==> flow/design.v <==
module my_mul_n (ck, i_rst_n, dataa, datab, start, prod, ready);
  parameter NBITS = 18;
  input ck;
  input i_rst_n;
  input [NBITS-1:0] dataa;
  input [NBITS-1:0] datab;
  input start;
  output [2*NBITS-1:0] prod;
  output ready;
  reg [NBITS-1:0] dataa_ff;
  reg [NBITS-1:0] datab_ff;
  reg start_ff;
  always @(posedge ck) begin
    if (~i_rst_n) begin
      dataa_ff <= 0;
      datab_ff <= 0;
      start_ff <= 1'b0;
    end else begin
      dataa_ff <= dataa;
      datab_ff <= datab;
      start_ff <= start;
    end
  end
  localparam LOGN = $clog2(NBITS + 1);
  reg [NBITS-1:0] mcand;
  reg [LOGN-1:0] ctr;
  always @(posedge ck) begin
    if (~i_rst_n) begin
      mcand <= 0;
      ctr <= 0;
    end else begin
      mcand <= start_ff ? dataa_ff : mcand;
      ctr <= start_ff ? NBITS : (ctr != 0) ? ctr - 1'b1 : ctr;
    end
  end
  reg [2*NBITS-1:0] state;
  wire [NBITS:0] r;
  assign r = state[2*NBITS-1:NBITS] + (state[0] ? mcand : {NBITS{1'b0}});
  always @(posedge ck) begin
    if (~i_rst_n) begin
      state <= 0;
    end else begin
      state <= start_ff ? {{NBITS{1'b0}}, datab_ff} : (ctr != 0) ? {r, state[NBITS-1:1]} : state;
    end
  end
  assign prod = state;
  assign ready = (ctr == 0);
endmodule
# ---- Step by step through the tools: my_mul_n
# Tool output for the design above, in the order of the flow.
# Lines are those of the file above, counted from 1.
# Operators carry their Yosys type and port widths (W data, S select, Z words).
# Library cell names are shortened.
# The mark -- stands for no value.
dict set report setup {
  top {my_mul_n}
  clock {ck}
  lib {sky130hd}
  lib_corner {tt_025C_1v80}
}

# ---- Elaborated design
# Counts by Yosys on the flattened word-level netlist (proc, flatten, opt, wreduce; memories kept). Register bits leave out memories and registers merged into their read ports (data or address). Print and check cells are left out. Cells with the same type and inputs are merged into one.
dict set report word_totals {
  ff_bits 96
  latch_bits 0
  ram_bits 0
  mem_bits_ro 0
  clocked_rd_ports_x_width 0
  mem_count 0
  input_bits 39
  output_inout_bits 37
  elab_cells 20
}
dict set report classes {
  n_addsub 2
  n_mul 0
  n_div 0
  cmp 0
  n_eq 0
  n_shift 0
  mux 5
  logic 1
  reduce_and_logical 4
}
# cell n
set op_table {}
lappend op_table {{$mux W18} 3}
lappend op_table {{$add A18 B18 Y19} 1}
lappend op_table {{$mux W5} 2}
lappend op_table {{$sub A5 B1 Y5 const B} 1}
lappend op_table {{$logic_not A5 Y1} 1}
lappend op_table {{$reduce_bool A5 Y1} 1}
lappend op_table {{$reduce_bool A2 Y1} 1}
lappend op_table {{$reduce_or A2 Y1} 1}
lappend op_table {{$not A1 Y1} 1}

# ---- Logic depth
# Depth = most cells in a row (Yosys ltp): at word level without a register or memory, in the mapped netlist without a sequential cell, where the memories' decode and read muxes count.
dict set report logic_depth {
  word_depth 4
  abc_area 0
  depth_mapped 11
  ltp_nobuf 10
}

# ---- Mapped cells and area
# Yosys stat after the flow's synthesis: flattened, memories mapped to cells. It holds for the ABC_AREA given above (unset counts as 0); a run with the other value may have another netlist.
# type n type_area_um2
set types {}
lappend types {dfxtp_1 96 1.92E+03}
lappend types {and2_1 54 337.824}
lappend types {a21oi_1 55 275.264}
lappend types {ha_1 20 250.24}
lappend types {nor2b_1 40 250.24}
lappend types {nand2_1 65 243.984}
lappend types {mux2i_1 23 230.221}
lappend types {nor2_1 23 86.333}
lappend types {clkbuf_1 17 63.811}
lappend types {buf_2 12 60.058}
lappend types {nor3_1 12 60.058}
lappend types {a21o_1 6 45.043}
lappend types {xnor2_1 5 43.792}
lappend types {xor2_1 5 43.792}
lappend types {nand3_1 8 40.038}
lappend types {o21ai_0 7 35.034}
lappend types {a31oi_1 5 31.28}
lappend types {a211oi_1 4 30.029}
# Not listed: further types 33, cells in them 59.
dict set report synth_totals {
  mapped_cells 516
  yosys_area_um2 4485.6
  seqArea_um2 1921.8
  ffs 96
  buffers 32
}

# ---- Path before layout
# Path of least setup slack by OpenSTA after synthesis, without wires, with an ideal clock, recovery checks aside; 20% of the period is set as input and as output delay. Where synthesis merged equal registers, the netlist keeps one of their names.
dict set report synth_path {
  path_kind {register -> register}
  from {register state[0]}
  to {register state[35]}
  clock_period_ns 3.14
  setup_time_ns 0.066
  launch_ns 0.000
  arrival_time_ns 2.445
  required_ns 3.074
  slack_ns 0.629
  delay_ns 2.511
  driving_pins 12
  n_path_buf 1
  synth_period_reached_ns 2.511
}
# "delay_ns" = arrival - input delay + setup time.
# "driving_pins" counts driving pins, that of a launching flip-flop among them; a cell with two outputs on the path counts twice.
# "synth_period_reached_ns" = period - worst setup slack (recovery checks aside). The figure is calculated, with input and output delays left at 20% of the set period.
# Between the ends stands the longest chain of elaborated cells between them, by number of cells; it is not shown to be the way that was timed. Of several equally long chains one is given.
# Each line given opens the expression or statement behind the cell; cells for indexed reads and writes are added by Yosys, which also makes memories of some case tables.
dict set report synth_via {
  path_cell_list {dfxtp_1 clkbuf_1 and2_1 ha_1 inv_1 fa_1 and2b_1 o2111ai_1 a21oi_1 o21ai_1 a211o_1 a21oi_2}
  elab_chain_len 2
  cells_between 2
  cone_lines 1
  cone_classes {1 x add/sub; 1 x mux}
}
# element line
set synth_rtl {}
lappend synth_rtl {{from (decl)} 36} ;# reg [2*NBITS-1:0] state;
lappend synth_rtl {{from (assign)} 41} ;# state <= 0;
lappend synth_rtl {{from (assign)} 43} ;# state <= start_ff ? {{NBITS{1'b0}}, datab_ff} : (ctr != 0) ? {r, state[NBITS-1:1]} : state;
lappend synth_rtl {{$mux W18} 38} ;# assign r = state[2*NBITS-1:NBITS] + (state[0] ? mcand : {NBITS{1'b0}});
lappend synth_rtl {{$add A18 B18 Y19} 38}
lappend synth_rtl {{to (assign)} 41}
lappend synth_rtl {{to (assign)} 43}
lappend synth_rtl {{to (decl)} 36}

# ---- Timing after layout
# From the final timing report of run 1: the path of least setup slack in the routed layout; clock arrival at registers is part of the times.
dict set report layout_path {
  path_kind {register -> register}
  from {register state[0]}
  to {register state[35]}
  clock_period_ns 3.38
  setup_time_ns 0.06
  launch_ns 0.34
  arrival_time_ns 2.74
  required_ns 3.66
  slack_ns 0.92
  driving_pins 10
  n_path_buf 1
}
# Between the ends stands the longest chain of elaborated cells between them, by number of cells; it is not shown to be the way that was timed. Of several equally long chains one is given.
dict set report layout_via {
  path_cell_list {dfxtp_1 buf_4 nand2_1 fa_1 and2b_1 o2111ai_1 a21oi_1 o21ai_1 a211o_1 a21oi_2}
  elab_chain_len 2
  cells_between 2
  cone_lines 1
  cone_classes {1 x add/sub; 1 x mux}
}
# element line
set layout_rtl {}
lappend layout_rtl {{from (decl)} 36} ;# reg [2*NBITS-1:0] state;
lappend layout_rtl {{from (assign)} 41} ;# state <= 0;
lappend layout_rtl {{from (assign)} 43} ;# state <= start_ff ? {{NBITS{1'b0}}, datab_ff} : (ctr != 0) ? {r, state[NBITS-1:1]} : state;
lappend layout_rtl {{$mux W18} 38} ;# assign r = state[2*NBITS-1:NBITS] + (state[0] ? mcand : {NBITS{1'b0}});
lappend layout_rtl {{$add A18 B18 Y19} 38}
lappend layout_rtl {{to (assign)} 41}
lappend layout_rtl {{to (assign)} 43}
lappend layout_rtl {{to (decl)} 36}

# Module my_mul_n, platform sky130hd: 3 stored runs of the flow (Yosys, OpenROAD) with differing settings, in no particular order. Input and output delays are each 20% of the period that was set; the output load is 0.01 pF.
# "timing.worst_path_ns" is the time allowed to the run's worst setup path (the clock period less input and output delay, where it has them) less its slack. Clock arrival times count: a late capture clock shortens it, a late launch clock lengthens it.
run="run 1" settings period_ns=3.38 CORE_UTILIZATION=22 PLACE_DENSITY_LB_ADDON=0.16 HOLD_SLACK_MARGIN=-0.0 CORE_ASPECT_RATIO=0.91 CTS_CLUSTER_SIZE=10 SLEW_MARGIN=15 CAP_MARGIN=20 CORE_MARGIN=2
run="run 1" results timing.setup.ws_ns=0.921 synth_chip_area_um2=4485.6 timing.worst_path_ns=2.46 worst_path_kind="register -> register" post_route_util_pct=29.0 die_area_um2=21548.2
run="run 2" settings period_ns=3.14 CAP_MARGIN=20 CORE_MARGIN=2 CORE_UTILIZATION=40 SLEW_MARGIN=20
run="run 2" results timing.setup.ws_ns=0.555 synth_chip_area_um2=4485.6 timing.worst_path_ns=1.96 worst_path_kind="register -> output" post_route_util_pct=50.8 die_area_um2=12076.9
run="run 3" settings period_ns=3.6 CORE_UTILIZATION=25 SETUP_SLACK_MARGIN=0.65 PLACE_DENSITY_LB_ADDON=0.07 HOLD_SLACK_MARGIN=0.05 CORE_ASPECT_RATIO=1.4 CELL_PAD_IN_SITES_GLOBAL_PLACEMENT=1 CELL_PAD_IN_SITES_DETAIL_PLACEMENT=1 GPL_ROUTABILITY_DRIVEN=0 CTS_CLUSTER_DIAMETER=382 CAP_MARGIN=5 SLEW_MARGIN=40 CORE_MARGIN=2
run="run 3" results timing.setup.ws_ns=0.793 synth_chip_area_um2=4485.6 timing.worst_path_ns=2.09 worst_path_kind="register -> output" post_route_util_pct=32.2 die_area_um2=19044.6
